==> flow/design.v <==
module ex_mag_cmp #(
   parameter WD = 7
) (
   input  logic sys_clk,
   input  logic [WD-1:0] src1_in,
   input  logic [WD-1:0] src2_in,
   output logic above_out
);
   logic [WD-1:0] src1_q;
   logic [WD-1:0] src2_q;
   always_ff @(posedge sys_clk) begin
      src1_q <= src1_in;
      src2_q <= src2_in;
   end
   logic [WD:0] carry;
   assign carry[0] = 1'b0;
   for (genvar k = 0; k < WD; k++) begin : slice
      assign carry[k+1] = (src1_q[k] ^ src2_q[k]) ? src1_q[k] : carry[k];
   end
   logic above_q;
   always_ff @(posedge sys_clk) begin
      above_q <= carry[WD];
   end
   assign above_out = above_q;
endmodule
From RTL to reports: ex_mag_cmp
What the tools print for ex_mag_cmp, step after step.
Line numbers count from 1 in the design file above.
Library cell names are shortened.
A cell with - has no value.
- design top: ex_mag_cmp
- clock: sys_clk
- library: sky130hd
- timing corner: tt_025C_1v80

After elaboration
Counts by Yosys on the flattened word-level netlist (proc, flatten, opt, wreduce; memories kept). Register bits leave out memories and registers merged into their read ports (data or address); mux counts leave out enables and synchronous resets folded into registers. Print and check cells are left out. Cells with the same type and inputs are merged into one.
- register bits after elaboration: 15
- noted bits in writable memories: 0
- noted memories kept: 0
- ROM bits at 0
- input bits at 15
- clocked read ports x word width at 0
- latch bits at 0
- output and inout bits: 1
- cells after elaboration at 17
- noted equality and inequality tests: 0
- noted $add $sub $neg: 0
- noted muxes and demuxes: 7
- bitwise logic cells at 7
- reductions and logical operators: 0
- order comparisons at 0
- noted shift operators: 0
- divide/modulo/power cells: 0
- noted multipliers: 0
- operators with widths (cell ; number):
    XOR 1 bit ; 7
    two-way mux 1 bit ; 7

Logic depth
Longest topological path by Yosys (ltp), each cell counted once; first at word level (registers and memories cut), then after technology mapping (sequential cells cut; the memories' decode and read muxes count).
- noted depth in word-level cells: 8
- noted ABC_AREA: 0
- gate-level depth with buffers: 4

Mapped cells and area
The flow's flattened synthesis, as Yosys stat reports it; memories are mapped. The netlist is that of the ABC_AREA named above (0 if unset); the other value can give another one.
The area totals of this step are shown rounded.
- cells by type (cell type ; number ; area in all (um2)):
    dfxtp_1 ; 15 ; 300.288
    inv_1 ; 6 ; 22.522
    o221ai_1 ; 2 ; 17.517
    nor2b_4 ; 1 ; 13.763
    a211oi_2 ; 1 ; 12.512
    maj3_2 ; 1 ; 11.261
    a22oi_1 ; 1 ; 7.507
    nand2b_1 ; 1 ; 6.256
    o22ai_1 ; 1 ; 6.256
    nand3_1 ; 1 ; 5.005
    nand2_1 ; 1 ; 3.754
    nor2_1 ; 1 ; 3.754
- buffers: 0
- noted mapped cells: 32
- sequential area: 300 um2
- mapped flip-flops at 15
- chip area (Yosys) at 410 um2

Timing after synthesis
OpenSTA on the mapped netlist: ideal clock, no wires. The path of least setup slack (recovery checks aside). Input and output delay are each 20% of the period. Register names are those of the netlist, which keeps one name where synthesis merged equal registers.
- kind: flip-flop to flip-flop
- start: reg src1_q[0]
- end: reg above_q
- data arrival time: 0.943 ns
- noted setup slack: 0.270 ns
- noted path buffers: 0
- path delay: 1.061 ns
- period: 1.33 ns
- noted stages on the path: 5
- noted required time: 1.212 ns
- synthesis period reached at 1.06 ns
"path delay" is the arrival time less input delay plus setup time.
"stages on the path": output pins that drive a net of the path, with the launching flip-flop's if there is one; two outputs of one cell count as two.
"synthesis period reached" = period - worst setup slack (recovery checks aside). The figure is calculated, with input and output delays left at 20% of the set period.
The rows between start and end are the longest chain of elaborated cells between them; the timing report does not say that the signal goes this way. Where chains are equally long, one stands for them.
Each line given opens the expression or statement behind the cell; cells for indexed reads and writes are added by Yosys, which also makes memories of some case tables.
- path through: dfxtp_1 > nor2b_4 > maj3_2 > a211oi_2 > nor2_1
- length of the longest elaborated chain at 8
- elaborated cells on any way between the ends at 8
- source lines of those cells: 1
- classes of those cells: mux (7); logic (1)
- ends and longest elaborated chain, after synthesis (what ; line ; source):
    start: declaration ; 9 ; logic [WD-1:0] src1_q;
    start: assignment ; 12 ; src1_q <= src1_in;
    XOR 1 bit ; 18 ; assign carry[k+1] = (src1_q[k] ^ src2_q[k]) ? src1_q[k] : carry[k];
    two-way mux 1 bit (7 in a row) ; 18 ;
    end: assignment ; 22 ; above_q <= carry[WD];
    end: declaration ; 20 ; logic above_q;

Timing after layout
From the final timing report of flow run C: the path of least setup slack in the routed layout; clock arrival at registers is part of the times.
- kind: flip-flop to output port
- start: reg above_q
- end: out above_out
- noted external output delay: 0.27 ns
- noted path buffers: 1
- noted required time: 1.06 ns
- data arrival time: 0.84 ns
- noted stages on the path: 2
- noted setup slack: 0.22 ns
- period: 1.33 ns
- path through: dfxtp_1 > dlygate4sd2_1
- length of the longest elaborated chain at 0
- elaborated cells on any way between the ends at 0
- source lines of those cells: 0
- ends and longest elaborated chain, after layout (what ; line ; source):
    start: declaration ; 20 ; logic above_q;
    start: assignment ; 22 ; above_q <= carry[WD];
    end: declaration ; 7 ; output logic above_out

--- measured runs ---
Settings and measured results of 3 stored flow runs for module ex_mag_cmp (sky130hd), not sorted in any way. The constraints put input and output delay at 20% of the set period each and load the outputs with 0.01 pF.
"achieved clock period" means the clock period less the worst setup slack. The figure is calculated, with input and output delays left at 20% of the set period.
"time on the worst setup path": the worst setup path's part of the clock period (all of it between registers, 20% less for each end at a port) less its slack. A launch clock that arrives late makes it longer, a capture clock that arrives late makes it shorter.
"total power of the final layout" rests on the timing tool's default activity at the inputs, not on a simulated workload.
The measured numbers are rounded.

Flow run A
Settings were period_ns = 0.912; CORE_UTILIZATION = 71; SETUP_SLACK_MARGIN = 0.12; PLACE_DENSITY_LB_ADDON = 0.23; HOLD_SLACK_MARGIN = -0.06; CORE_ASPECT_RATIO = 1.97; CORE_MARGIN = 2; CELL_PAD_IN_SITES_GLOBAL_PLACEMENT = 1; ABC_AREA = 1; GPL_ROUTABILITY_DRIVEN = 1; CTS_CLUSTER_SIZE = 13; MIN_ROUTING_LAYER = met2; MAX_ROUTING_LAYER = met4; CAP_MARGIN = 20; SLEW_MARGIN = 20
- no final report: floorplanning broke off with PDN-0185

Flow run B
Settings were period_ns = 1.65; CORE_UTILIZATION = 65; SETUP_SLACK_MARGIN = 0.32; PLACE_DENSITY_LB_ADDON = 0.27; CORE_ASPECT_RATIO = 0.7; CELL_PAD_IN_SITES_GLOBAL_PLACEMENT = 3; CELL_PAD_IN_SITES_DETAIL_PLACEMENT = 1; GPL_ROUTABILITY_DRIVEN = 1; CTS_CLUSTER_SIZE = 83; CTS_CLUSTER_DIAMETER = 327; SLEW_MARGIN = 0; CAP_MARGIN = 20; CORE_MARGIN = 2
- no final report: floorplanning broke off with PDN-0185

Flow run C
Settings were period_ns = 1.33; CAP_MARGIN = 20; CORE_MARGIN = 2; CORE_UTILIZATION = 40; SLEW_MARGIN = 20
- noted the post-synthesis cell area: 410 um2
- full die area: 1,300 um2
- standard-cell area after layout: 600 um2
- noted the post-route utilization: 64 %
- noted the setup slack of the worst path: 0.22 ns
- total negative slack: 0.000 ns
- post-route worst hold slack at 0.43 ns
- noted the total power of the final layout: 0.75 mW
- noted the achieved clock period: 1.107 ns
- time on the worst setup path at 0.84 ns
- worst path kind: flip-flop to output port
--- end ---
